==> flow/design.v <==
module mem_rtl #(
  parameter NWORDS = 20,
  parameter NBITS = 12,
  parameter AW = $clog2(NWORDS)
) (
  input CLK,
  input wen,
  input [AW-1:0] waddr,
  input [NBITS-1:0] d,
  input [AW-1:0] raddr_a,
  input [AW-1:0] raddr_b,
  output reg [NBITS-1:0] dout_a,
  output reg [NBITS-1:0] dout_b
);
  reg [NBITS-1:0] array [0:NWORDS-1];
  always @(posedge CLK) begin
    if (wen)
      array[waddr] <= d;
  end
  always @(posedge CLK) begin
    dout_a <= array[raddr_a];
    dout_b <= array[raddr_b];
  end
endmodule
Step by step through the tools: mem_rtl. The steps from the RTL of mem_rtl to its reports follow in flow order. Lines are those of the file above, counted from 1. Cell names lack the library's common part. The mark n/a stands for no value.

Top module: mem_rtl. Clock: CLK. Library: sky130hd. Corner: tt_025C_1v80.

Word level. Source: Yosys, flattened and elaborated, memories not mapped. Widths are those after wreduce; folded enables and synchronous resets count as part of the registers. Registers that Yosys merges into a memory's read port (data or address) are not register bits. Print and check cells do not count. Equal cells are merged and count once. Yosys's memory passes give these memory sizes; they may raise the number of words (mostly to a power of two), join words into wider ones and drop unused or constant bits.

Memories kept: 1. The entry for output and inout bits reads 24. For register bits the number is 0. The entry for bits in writable memories reads 240. For word width x clocked read ports the number is 24. Under input bits stands 29.

The entry for mux-type cells reads 3.

Memory list: array (words 20, bits a word 12, read ports 2, wr ports 1, RTL line 15) `reg [NBITS-1:0] array [0:NWORDS-1];`.

Operators by type and width (count): two-way mux 12 bit (1); two-way mux 5 bit (1); two-way mux 1 bit (1).

Longest topological paths. Longest topological path by Yosys (ltp), each cell counted once; first at word level (registers and memories cut), then after technology mapping (sequential cells cut; the memories' decode and read muxes count).

The entry for depth in word-level cells reads 1. For ABC_AREA the number is 0. The figure for depth in mapped cells is 8.

After synthesis. The flow's flattened synthesis, as Yosys stat reports it; memories are mapped. The netlist is that of the ABC_AREA named above (0 if unset); the other value can give another one.

Cell types: edfxtp_1 (count 240, area in all 7.21E+03 um^2); mux4_1 (count 54, area in all 1.42E+03 um^2); mux2i_1 (count 92, area in all 920.883 um^2); a22oi_1 (count 68, area in all 510.49 um^2); dfxtp_1 (count 24, area in all 480.461 um^2); mux4_2 (count 20, area in all 450.432 um^2); mux2_2 (count 24, area in all 270.259 um^2); o21ai_1 (count 22, area in all 110.106 um^2); nand2_1 (count 26, area in all 97.594 um^2); nor2_1 (count 24, area in all 90.086 um^2); buf_4 (count 10, area in all 75.072 um^2); buf_6 (count 6, area in all 67.565 um^2); buf_2 (count 12, area in all 60.058 um^2); clkbuf_1 (count 16, area in all 60.058 um^2); nor2b_1 (count 6, area in all 37.536 um^2); clkbuf_8 (count 2, area in all 27.526 um^2); nand3b_1 (count 3, area in all 22.522 um^2); a221oi_1 (count 2, area in all 17.517 um^2).

Other cell types: 6; their cells: 10.

Buffers: 46. Chip area (Yosys): 11987.7 um^2. Under flip-flops stands 264. The figure for cells in the netlist is 661.

Worst setup path after synthesis. Path of least setup slack by OpenSTA after synthesis, without wires, with an ideal clock, recovery checks aside; 20% of the period is set as input and as output delay. Where synthesis merged equal registers, the netlist keeps one of their names.

Kind: input-to-reg. Start point: input waddr[1]. End point: memory array[0][0]. Under setup time stands 0.380 ns. The figure for data required time is 1.900 ns. The entry for slack reads 0.364 ns. The figure for stages is 2. Input delay: 0.456 ns. Path delay: 1.460 ns. The figure for time at the first pin is 0.456 ns. Under period stands 2.28 ns. Under data arrival time stands 1.536 ns. For period reached after synthesis the number is 1.916 ns.

"path delay" = arrival - input delay + setup time. "stages": output pins that drive a net of the path, with the launching flip-flop's if there is one; two outputs of one cell count as two. "period reached after synthesis" is the clock period less the worst setup slack; recovery checks do not enter. This is arithmetic on one report: input and output delays are still those of the set period (20% each). Between the ends stands the longest chain of elaborated cells between them, by number of cells; it is not shown to be the way that was timed. Of several equally long chains one is given. Each line given opens the expression or statement behind the cell; cells for indexed reads and writes are added by Yosys, which also makes memories of some case tables.

Cells stage by stage: or3b_2 > nor2_1. The entry for cells in the longest elaborated chain reads 1. Elaborated cells on any way between the ends: 1.

RTL lines, path after synthesis: start, declared (RTL line 8) `input [AW-1:0] waddr,`; two-way mux 5 bit (RTL line 17) `if (wen)`; end, declared (RTL line 15) `reg [NBITS-1:0] array [0:NWORDS-1];`.

Worst path after layout. Path of least setup slack in the final report of entry A (OpenROAD, finished layout, wires in). Where an end is a register, its clock arrival counts in the times.

Kind: input-to-reg. Start point: input raddr_b[0]. End point: register dout_b[5]. Input delay: 0.34 ns. Under period stands 1.72 ns. The figure for stages is 7. The figure for time at the first pin is 0.34 ns. Under data arrival time stands 2.07 ns. Under setup time stands 0.13 ns. The entry for slack reads 0.04 ns. The figure for data required time is 2.12 ns.

Cells stage by stage: buf_6 > clkbuf_8 > and2_1 > clkbuf_1 > a22oi_2 > nand2_1 > o21ai_1.

RTL lines, path after layout: start, declared (RTL line 11) `input [AW-1:0] raddr_b,`; end, declared (RTL line 13) `output reg [NBITS-1:0] dout_b`.

Chain of elaborated cells between the ends: none given.

Ticket comment

Below are 3 stored runs of the flow (Yosys, OpenROAD; platform sky130hd) on mem_rtl, each with its settings and what was measured, unordered. Constraints: input delay and output delay 20% of the set period each, output load 0.01 pF. "time of the worst setup path" = time allowed to the worst setup path (clock period - input delay - output delay, where it has them) - its slack; a late launch clock adds to it, a late capture clock takes from it. "power" is the tool's figure for a default switching activity; nothing was simulated.

Files of entry A:
==> flow/run.sh <==
#!/bin/bash
# the make line also repeats the synthesis and layout settings of config.mk as NAME=value (left out here)
make -C /OpenROAD-flow-scripts/flow DESIGN_CONFIG=/design/flow/config.mk WORK_HOME=/design/flow/orfs CLKGATE_MAP_FILE= finish
==> flow/config.mk <==
export PLATFORM = sky130hd
export DESIGN_NAME = mem_rtl
export DESIGN_NICKNAME = mem_rtl
export VERILOG_FILES = /design/flow/design.v
export SDC_FILE = /design/flow/constraint.sdc
export NUM_CORES = 4
export LEC_CHECK = 0
export CAP_MARGIN = 15
export CELL_PAD_IN_SITES_GLOBAL_PLACEMENT = 0
export CORE_ASPECT_RATIO = 1.88
export CORE_MARGIN = 2
export CORE_UTILIZATION = 42
export GPL_TIMING_DRIVEN = 0
export MIN_ROUTING_LAYER = met2
export PLACE_DENSITY_LB_ADDON = 0.27
export SETUP_SLACK_MARGIN = 0.1
export SLEW_MARGIN = 20
export TNS_END_PERCENT = 40
==> flow/constraint.sdc <==
create_clock -name core_clock -period 1.72 [get_ports {CLK}]
set_input_delay 0.3440 -clock core_clock [delete_from_list [all_inputs] [get_ports {CLK}]]
set_output_delay 0.3440 -clock core_clock [all_outputs]
set_load 0.01 [all_outputs]

Results of entry A. The time of the worst setup path reads 1.33 ns. Worst path kind: input-to-reg. For the final utilization the run shows 50.3%. The measured standard-cell area after layout is 14123.5 um^2. The full die area comes to 29977.6 um^2. The power reads 13.703 mW. The worst hold slack after layout stands at 0.361 ns. For the total negative slack the run shows 0.000 ns. The worst setup slack after layout is 0.044 ns. The measured cell area after synthesis is 11987.7 um^2.

Files of entry B:
==> flow/run.sh <==
#!/bin/bash
# the make line also repeats the synthesis and layout settings of config.mk as NAME=value (left out here)
make -C /OpenROAD-flow-scripts/flow DESIGN_CONFIG=/design/flow/config.mk WORK_HOME=/design/flow/orfs CLKGATE_MAP_FILE= finish
==> flow/config.mk <==
export PLATFORM = sky130hd
export DESIGN_NAME = mem_rtl
export DESIGN_NICKNAME = mem_rtl
export VERILOG_FILES = /design/flow/design.v
export SDC_FILE = /design/flow/constraint.sdc
export NUM_CORES = 4
export LEC_CHECK = 0
export CAP_MARGIN = 20
export CORE_MARGIN = 2
export CORE_UTILIZATION = 40
export SLEW_MARGIN = 20
==> flow/constraint.sdc <==
create_clock -name core_clock -period 2.28 [get_ports {CLK}]
set_input_delay 0.4560 -clock core_clock [delete_from_list [all_inputs] [get_ports {CLK}]]
set_output_delay 0.4560 -clock core_clock [all_outputs]
set_load 0.01 [all_outputs]

Results of entry B. The time of the worst setup path reads 1.52 ns. Worst path kind: input-to-reg. For the final utilization the run shows 48.2%. The measured standard-cell area after layout is 14237.4 um^2. The full die area comes to 31369.7 um^2. The power reads 10.698 mW. The worst hold slack after layout stands at 0.705 ns. For the total negative slack the run shows 0.000 ns. The worst setup slack after layout is 0.300 ns. The measured cell area after synthesis is 11987.7 um^2.

Files of entry C:
==> flow/run.sh <==
#!/bin/bash
# the make line also repeats the synthesis and layout settings of config.mk as NAME=value (left out here)
make -C /OpenROAD-flow-scripts/flow DESIGN_CONFIG=/design/flow/config.mk WORK_HOME=/design/flow/orfs CLKGATE_MAP_FILE= finish
==> flow/config.mk <==
export PLATFORM = sky130hd
export DESIGN_NAME = mem_rtl
export DESIGN_NICKNAME = mem_rtl
export VERILOG_FILES = /design/flow/design.v
export SDC_FILE = /design/flow/constraint.sdc
export NUM_CORES = 4
export LEC_CHECK = 0
export CAP_MARGIN = 20
export CORE_ASPECT_RATIO = 0.68
export CORE_MARGIN = 2
export CORE_UTILIZATION = 69
export CTS_CLUSTER_DIAMETER = 106
export CTS_CLUSTER_SIZE = 73
export MIN_ROUTING_LAYER = met2
export PLACE_DENSITY_LB_ADDON = 0.25
export SLEW_MARGIN = 20
==> flow/constraint.sdc <==
create_clock -name core_clock -period 2.05 [get_ports {CLK}]
set_input_delay 0.4100 -clock core_clock [delete_from_list [all_inputs] [get_ports {CLK}]]
set_output_delay 0.4100 -clock core_clock [all_outputs]
set_load 0.01 [all_outputs]

Results of entry C. The time of the worst setup path reads 1.59 ns. Worst path kind: reg-to-output. For the final utilization the run shows 79.4%. The measured standard-cell area after layout is 13410.4 um^2. The full die area comes to 18463.1 um^2. The power reads 9.325 mW. The worst hold slack after layout stands at 0.615 ns. For the total negative slack the run shows 0.000 ns. The worst setup slack after layout is 0.052 ns. The measured cell area after synthesis is 11987.7 um^2.
